==> flow/design.v <==
module dp_scratch_blk #(
    parameter integer DEPTH = 6,
    parameter integer DATA_W = 12,
    parameter integer NR = 2,
    parameter integer AWIDTH = $clog2(DEPTH)
) (
    input  logic sys_clk,
    input  logic i_wr,
    input  logic [AWIDTH-1:0] i_wa,
    input  logic [DATA_W-1:0] i_din,
    input  logic [NR*AWIDTH-1:0] i_read_addr,
    output logic [NR*DATA_W-1:0] o_rd_data
);
    logic r_wr;
    logic [AWIDTH-1:0] r_wa;
    logic [DATA_W-1:0] r_din;
    always_ff @(posedge sys_clk) begin
        r_wr <= i_wr;
        r_wa <= i_wa;
        r_din <= i_din;
    end
    logic [DATA_W-1:0] rf [DEPTH-1:0];
    always_ff @(posedge sys_clk) begin
        if (r_wr)
            rf[r_wa] <= r_din;
    end
    logic [NR*AWIDTH-1:0] r_read_addr;
    always_ff @(posedge sys_clk) begin
        r_read_addr <= i_read_addr;
    end
    logic [NR*DATA_W-1:0] cur;
    for (genvar j = 0; j < NR; j++) begin : stage
        assign cur[j*DATA_W +: DATA_W] = rf[r_read_addr[j*AWIDTH +: AWIDTH]];
    end
    assign o_rd_data = cur;
endmodule
# == Reports on dp_scratch_blk ==
# The steps from the RTL of dp_scratch_blk to its reports follow in flow order.
# Lines are those of the file above, counted from 1.
# A cell with -- has no value.
# inputs
top,dp_scratch_blk
clock,sys_clk
cell_library,sky130hd
lib_corner,tt_025C_1v80

# == Word-level counts ==
# Counts by Yosys on the flattened word-level netlist (proc, flatten, opt, wreduce; memories kept). Register bits leave out memories and registers merged into their read ports (data or address); mux counts leave out enables and synchronous resets folded into registers. Print and check cells are left out. Cells with the same type and inputs are merged into one.
# Memory sizes are those after Yosys's memory passes, which may raise the word count (mostly to a power of two), join words into wider ones and drop unused or constant bits.
# word_totals
mem_bits_rw,72
word_cells,7
memories,1
clocked_rd_ports_x_width,24
regBits,16
# mem_list
memory,size,word_bits,rd,write_ports,line,source
rf,6,12,2,1,22,logic [DATA_W-1:0] rf [DEPTH-1:0];
# op_classes
n_mux,3
# ops
cell,count
two-way mux 12 bit,1
two-way mux 3 bit,1
two-way mux 1 bit,1

# == Longest topological paths ==
# Yosys ltp: most cells in a row. Word level: on the elaborated netlist, between registers, memories and ports. Mapped: between sequential cells and ports; inverters and the memories' decode and read muxes count.
# logic_depth
depth_word,1
ABC_AREA,1
depth_mapped,8
ltp_nobuf,5

# == Synthesis result ==
# Yosys stat after the flow's synthesis: flattened, memories mapped to cells. It holds for the ABC_AREA given above (unset counts as 0); a run with the other value may have another netlist.
# by_type
cell,count,type_area_um2
sky130_fd_sc_hd__edfxtp_1,72,2.16E+03
sky130_fd_sc_hd__nand2_1,125,469.2
sky130_fd_sc_hd__dfxtp_1,22,440.422
sky130_fd_sc_hd__nand3_1,72,360.346
sky130_fd_sc_hd__a21oi_1,24,120.115
sky130_fd_sc_hd__inv_1,19,71.318
sky130_fd_sc_hd__o21ai_1,13,65.062
sky130_fd_sc_hd__buf_6,5,56.304
sky130_fd_sc_hd__o21ai_0,11,55.053
sky130_fd_sc_hd__buf_2,9,45.043
sky130_fd_sc_hd__nor2_1,6,22.522
sky130_fd_sc_hd__buf_1,5,18.768
sky130_fd_sc_hd__buf_4,2,15.014
sky130_fd_sc_hd__clkbuf_1,3,11.261
sky130_fd_sc_hd__inv_2,2,7.507
# mapped
cells,390
ff_cells,94
buf_cells,24
mapped_area_um2,3920.0

# == Worst setup path after synthesis ==
# Source: OpenSTA report_checks on the synthesized netlist (no wires, ideal clock, input and output delay 20% of the period each), path of least setup slack; recovery checks are left aside. Register names are those of the netlist, which keeps one name where synthesis merged equal registers.
# synth_path
path_kind,reg-to-output
startpoint,register (name not given)
endpoint,output o_rd_data[4]
path_slack_ps,728
tclk_ps,2140
n_path_buf,3
stages,8
required_time_ps,1712
t_arrival_ps,984
output_delay_ps,428
path_delay_ps,984
synth_period_reached_ps,1412
# "path_delay_ps" is the arrival time less input delay plus setup time.
# At an output port there is no setup time.
# "stages": output pins that drive a net of the path, with the launching flip-flop's if there is one; two outputs of one cell count as two.
# "synth_period_reached_ps" = period - worst setup slack (recovery checks aside). The figure is calculated, with input and output delays left at 20% of the set period.
# synth_via
path_cell_list,sky130_fd_sc_hd__dfxtp_1 > sky130_fd_sc_hd__buf_4 > sky130_fd_sc_hd__inv_2 > sky130_fd_sc_hd__buf_6 > sky130_fd_sc_hd__buf_6 > sky130_fd_sc_hd__a21oi_1 > sky130_fd_sc_hd__o21ai_1 > sky130_fd_sc_hd__nand2_1
# synth_lines
item,line,source
to (decl),12,output logic [NR*DATA_W-1:0] o_rd_data
# Chain of elaborated cells between the ends: none given.

# == Path in the finished layout ==
# Path of least setup slack in the final report of entry A (OpenROAD, finished layout, wires in). Where an end is a register, its clock arrival counts in the times.
# The report prints the path's times to 10 ps; the period is as set.
# layout_path
path_kind,reg-to-output
startpoint,register (name not given)
endpoint,output o_rd_data[3]
tclk_ps,2630
output_delay_ps,530
path_slack_ps,110
stages,6
t_arrival_ps,2000
n_path_buf,2
required_time_ps,2100
# layout_via
path_cell_list,sky130_fd_sc_hd__dfxtp_1 > sky130_fd_sc_hd__inv_1 > sky130_fd_sc_hd__buf_2 > sky130_fd_sc_hd__nand3_1 > sky130_fd_sc_hd__nand2_1 > sky130_fd_sc_hd__clkdlybuf4s50_1
# layout_lines
item,line,source
to (decl),12,output logic [NR*DATA_W-1:0] o_rd_data
# Chain of elaborated cells between the ends: none given.

# Top module dp_scratch_blk; platform sky130hd; tools Yosys and OpenROAD; 3 stored runs in no particular order. Input and output delays are each 20% of the period that was set; the output load is 0.01 pF.
# "totalPower_w": no workload was simulated; the value follows from the tool's default switching activity.
# Settings: - = not set for that run.
run name,period_ns,CORE_UTILIZATION,SETUP_SLACK_MARGIN,TNS_END_PERCENT,ABC_AREA,GPL_TIMING_DRIVEN,CTS_CLUSTER_SIZE,MIN_ROUTING_LAYER,CAP_MARGIN,CORE_MARGIN,SLEW_MARGIN,PLACE_DENSITY,CORE_ASPECT_RATIO,CELL_PAD_IN_SITES_GLOBAL_PLACEMENT,CELL_PAD_IN_SITES_DETAIL_PLACEMENT,GPL_ROUTABILITY_DRIVEN,CTS_CLUSTER_DIAMETER,MAX_ROUTING_LAYER,totalPower_w,synth_chip_area_um2,dieArea_um2,total_negative_slack_ps,final_setup_ws_ps,finalUtil_frac,post_route_stdcell_area_um2,worst_hold_slack_ps
entry A,2.63,41,0.19,80,1,0,26,met1,20,2,20,-,-,-,-,-,-,-,0.003041,3920.0,10359.2,0,106,0.525,4850.9,528
entry B,2.55,26,-,45,1,-,48,-,20,5,15,0.63,1.07,3,0,1,327,met5,0.003304,3920.0,17633.9,0,171,0.332,4908.5,536
entry C,2.14,40,-,-,-,-,-,-,20,2,20,-,-,-,-,-,-,-,0.003619,3808.7,10318.5,-4025,-207,0.555,5131.2,498
